==> flow/design.v <==
module my_diff_unit_rtl #(
  parameter integer W = 56
) (
  input  logic CLK,
  input  logic clr,
  input  logic en,
  input  logic [W-1:0] arg0_i,
  input  logic [W-1:0] arg1_i,
  input  logic dir_i,
  output logic [W-1:0] delta_o
);
  logic [W-1:0] arg0_s;
  logic [W-1:0] arg1_s;
  logic dir_s;
  always_ff @(posedge CLK) begin
    if (clr) begin
      arg0_s <= 0;
      arg1_s <= 0;
      dir_s <= 1'b0;
    end else if (en) begin
      arg0_s <= arg0_i;
      arg1_s <= arg1_i;
      dir_s <= dir_i;
    end
  end
  logic [W-1:0] t;
  always_comb begin
    if (dir_s)
      t = arg0_s - arg1_s;
    else
      t = arg0_s + arg1_s;
  end
  always_ff @(posedge CLK) begin
    if (clr) begin
      delta_o <= 0;
    end else if (en) begin
      delta_o <= t;
    end
  end
endmodule
# --- Reports on my_diff_unit_rtl ---
# Tool output for the design above, in the order of the flow.
# Line numbers count from 1 in the design file above.
inputs:
  top: "my_diff_unit_rtl"
  clk_port: "CLK"
  cell_library: "sky130hd"
  lib_corner: "tt_025C_1v80"

# --- After elaboration ---
# Counts by Yosys on the flattened word-level netlist (proc, flatten, opt, wreduce; memories kept). Register bits leave out memories and registers merged into their read ports (data or address); mux counts leave out enables and synchronous resets folded into registers. Print and check cells are left out. Cells with the same type and inputs are merged into one.
bits:
  word_cells: 7
  register_bits: 169
classes:
  addsub: 2
  mux: 1
ops:
  columns: ["cell", "count"]
  rows:
  - ["56-bit adder", 1]
  - ["56-bit subtractor", 1]
  - ["56-bit 2-to-1 mux", 1]

# --- Depth ---
# Yosys ltp: most cells in a row. Word level: on the elaborated netlist, between registers, memories and ports. Mapped: between sequential cells and ports; inverters and the memories' decode and read muxes count.
logic_depth:
  depth_word: 2
  abc_area: 0
  depth_mapped: 21

# --- After synthesis ---
# The flow's flattened synthesis, as Yosys stat reports it; memories are mapped. The netlist is that of the ABC_AREA named above (0 if unset); the other value can give another one.
# The area totals of this step are shown rounded.
mapped:
  stdcells: 1226
  area_um2: 10300
  flip_flops: 169
by_type:
  columns: ["type", "count", "area_total_um2"]
  rows:
  - ["sky130_fd_sc_hd__dfxtp_1", 169, 3.38E+03]
  - ["sky130_fd_sc_hd__mux2i_1", 145, 1.45E+03]
  - ["sky130_fd_sc_hd__nor2_1", 224, 840.806]
  - ["sky130_fd_sc_hd__xnor2_1", 83, 726.947]
  - ["sky130_fd_sc_hd__ha_1", 56, 700.672]
  - ["sky130_fd_sc_hd__a21oi_1", 108, 540.518]
  - ["sky130_fd_sc_hd__nand2_1", 67, 251.491]
  - ["sky130_fd_sc_hd__clkbuf_1", 46, 172.666]
  - ["sky130_fd_sc_hd__a21o_1", 22, 165.158]
  - ["sky130_fd_sc_hd__o21ai_0", 30, 150.144]
  - ["sky130_fd_sc_hd__inv_1", 31, 116.362]
  - ["sky130_fd_sc_hd__xor2_1", 13, 113.859]
  - ["sky130_fd_sc_hd__nor3_1", 21, 105.101]
  - ["sky130_fd_sc_hd__a31oi_1", 15, 93.84]
  - ["sky130_fd_sc_hd__nand4_1", 14, 87.584]
  - ["sky130_fd_sc_hd__nor4_4", 4, 85.082]
  - ["sky130_fd_sc_hd__o211ai_1", 10, 75.072]
  - ["sky130_fd_sc_hd__buf_1", 18, 67.565]
# Not listed: further types 55, cells in them 150.

# --- Path before layout ---
# OpenSTA on the mapped netlist: ideal clock, no wires. The path of least setup slack (recovery checks aside). Input and output delay are each 20% of the period. Register names are those of the netlist, which keeps one name where synthesis merged equal registers.
synth_timing:
  path_type: "reg-to-reg"
  startpoint: "reg arg1_s[6]"
  endpoint: "reg delta_o[55]"
  path_buffers: 1
  setup_slack_ps: 1219
  required_ps: 5970
  launch_ps: 0
  setup_time_ps: 130
  stages: 20
  delay_ps: 4881
  period_ps: 6100
  arrival_time_ps: 4751
  period_less_setup_slack_ps: 4881
# "delay_ps" is the arrival time less input delay plus setup time.
# "stages": output pins that drive a net of the path, with the launching flip-flop's if there is one; two outputs of one cell count as two.
# "period_less_setup_slack_ps" = period - worst setup slack (recovery checks aside). The figure is calculated, with input and output delays left at 20% of the set period.
# The rows between start and end are the longest chain of elaborated cells between them; the timing report does not say that the signal goes this way. Where chains are equally long, one stands for them.
# A line is the first line of the expression or statement that the cell stems from. Yosys adds cells for indexed reads and writes and turns some case tables into memories.
synth_between:
  cell_sequence: "sky130_fd_sc_hd__dfxtp_1 sky130_fd_sc_hd__or4_4 sky130_fd_sc_hd__nor4_4 sky130_fd_sc_hd__nand2b_1 sky130_fd_sc_hd__or3_1 sky130_fd_sc_hd__buf_2 sky130_fd_sc_hd__nor4_4 sky130_fd_sc_hd__nand2_1 sky130_fd_sc_hd__nor2_4 sky130_fd_sc_hd__a21oi_1 sky130_fd_sc_hd__xnor2_1 sky130_fd_sc_hd__ha_1 sky130_fd_sc_hd__nand2_1 sky130_fd_sc_hd__or3_1 sky130_fd_sc_hd__or4_1 sky130_fd_sc_hd__a2111oi_0 sky130_fd_sc_hd__o31a_1 sky130_fd_sc_hd__o21ai_1 sky130_fd_sc_hd__mux2i_1 sky130_fd_sc_hd__a21oi_2"
  elab_chain_len: 2
synth_rtl:
  columns: ["element", "line_no", "rtl"]
  rows:
  - ["from (decl)", 13, "logic [W-1:0] arg1_s;"]
  - ["from (assign)", 18, "arg1_s <= 0;"]
  - ["from (assign)", 22, "arg1_s <= arg1_i;"]
  - ["56-bit adder", 31, "t = arg0_s + arg1_s;"]
  - ["56-bit 2-to-1 mux", 28, "if (dir_s)"]
  - ["to (assign)", 35, "delta_o <= 0;"]
  - ["to (assign)", 37, "delta_o <= t;"]
  - ["to (decl)", 10, "output logic [W-1:0] delta_o"]

# --- Path in the finished layout ---
# From the final timing report of job 1: the path of least setup slack in the routed layout; clock arrival at registers is part of the times.
# The path's times are printed in steps of 10 ps; the period is the one set.
layout_timing:
  path_type: "reg-to-reg"
  startpoint: "reg arg1_s[6]"
  endpoint: "reg delta_o[55]"
  setup_slack_ps: 1330
  arrival_time_ps: 5850
  launch_ps: 440
  stages: 20
  path_buffers: 1
  period_ps: 6880
  required_ps: 7190
  setup_time_ps: 120
# The rows between start and end are the longest chain of elaborated cells between them; the timing report does not say that the signal goes this way. Where chains are equally long, one stands for them.
layout_between:
  cell_sequence: "sky130_fd_sc_hd__dfxtp_1 sky130_fd_sc_hd__or4_4 sky130_fd_sc_hd__nor4_4 sky130_fd_sc_hd__nand2b_1 sky130_fd_sc_hd__or3_1 sky130_fd_sc_hd__nor4_4 sky130_fd_sc_hd__buf_4 sky130_fd_sc_hd__nand2_1 sky130_fd_sc_hd__nor2_4 sky130_fd_sc_hd__a21oi_1 sky130_fd_sc_hd__xnor2_1 sky130_fd_sc_hd__ha_1 sky130_fd_sc_hd__nand2_1 sky130_fd_sc_hd__or3_1 sky130_fd_sc_hd__or4_1 sky130_fd_sc_hd__a2111oi_1 sky130_fd_sc_hd__o31a_1 sky130_fd_sc_hd__o21ai_1 sky130_fd_sc_hd__mux2i_1 sky130_fd_sc_hd__a21oi_2"
  elab_chain_len: 2
layout_rtl:
  columns: ["element", "line_no", "rtl"]
  rows:
  - ["from (decl)", 13, "logic [W-1:0] arg1_s;"]
  - ["from (assign)", 18, "arg1_s <= 0;"]
  - ["from (assign)", 22, "arg1_s <= arg1_i;"]
  - ["56-bit adder", 31, "t = arg0_s + arg1_s;"]
  - ["56-bit 2-to-1 mux", 28, "if (dir_s)"]
  - ["to (assign)", 35, "delta_o <= 0;"]
  - ["to (assign)", 37, "delta_o <= t;"]
  - ["to (decl)", 10, "output logic [W-1:0] delta_o"]

# Top module my_diff_unit_rtl; platform sky130hd; tools Yosys and OpenROAD; 3 stored runs in no particular order. Input and output delays are each 20% of the period that was set; the output load is 0.01 pF.
# "clock_period_reached_ps" = clock period - worst setup slack. The figure is calculated, with input and output delays left at 20% of the set period.
# "worst_path_allowed_less_slack_ps" means the part of the period allowed to the worst setup path (the constraints hold back 20% at inputs and 20% at outputs) less its slack; where the path has registers, the arrival times of their clocks count too.
# By "final_power_uw" is meant OpenSTA's value without simulated activity: inputs other than the clock are taken to toggle once in ten clock periods, and the tool carries that through the logic.
# "worst_path_allowed_less_slack_ps" is known to 10 ps.
# Results are given in rounded form.
runs:
  - name: "job 1"
    settings:
      period_ns: 6.88
      CORE_UTILIZATION: 38
      SETUP_SLACK_MARGIN: 1.24
      PLACE_DENSITY: 0.52
      CORE_MARGIN: 4
      CELL_PAD_IN_SITES_DETAIL_PLACEMENT: 1
      ABC_AREA: 0
      GPL_ROUTABILITY_DRIVEN: 0
      CTS_CLUSTER_DIAMETER: 260
      SLEW_MARGIN: 35
      MIN_ROUTING_LAYER: "met2"
      MAX_ROUTING_LAYER: "met5"
      CAP_MARGIN: 20
    results:
      setup_tns_ps: 0
      fin_hold_ws_ps: 466
      total_die_area_um2: 29800
      final_power_uw: 3070
      cell_area_final_um2: 12900
      clock_period_reached_ps: 5546
      worst_path_allowed_less_slack_ps: 5550
      timing.worst_path_kind: "reg-to-reg"
      timing.setup.ws_ps: 1330
      finish.utilization_frac: 0.488
      synth_chip_area_um2: 10300
  - name: "job 2"
    settings:
      period_ns: 6.33
      CORE_UTILIZATION: 34
      PLACE_DENSITY: 0.78
      CORE_ASPECT_RATIO: 0.7
      CELL_PAD_IN_SITES_DETAIL_PLACEMENT: 1
      ABC_AREA: 0
      GPL_TIMING_DRIVEN: 1
      CAP_MARGIN: 15
      MAX_ROUTING_LAYER: "met5"
      CORE_MARGIN: 2
      SLEW_MARGIN: 20
    results:
      setup_tns_ps: 0
      fin_hold_ws_ps: 472
      total_die_area_um2: 31700
      final_power_uw: 3240
      cell_area_final_um2: 12800
      clock_period_reached_ps: 5827
      worst_path_allowed_less_slack_ps: 5830
      timing.worst_path_kind: "reg-to-reg"
      timing.setup.ws_ps: 503
      finish.utilization_frac: 0.429
      synth_chip_area_um2: 10300
  - name: "job 3"
    settings:
      period_ns: 6.1
      CAP_MARGIN: 20
      CORE_MARGIN: 2
      CORE_UTILIZATION: 40
      SLEW_MARGIN: 20
    results:
      setup_tns_ps: 0
      fin_hold_ws_ps: 484
      total_die_area_um2: 27000
      final_power_uw: 3420
      cell_area_final_um2: 12800
      clock_period_reached_ps: 5691
      worst_path_allowed_less_slack_ps: 5690
      timing.worst_path_kind: "reg-to-reg"
      timing.setup.ws_ps: 409
      finish.utilization_frac: 0.508
      synth_chip_area_um2: 10300
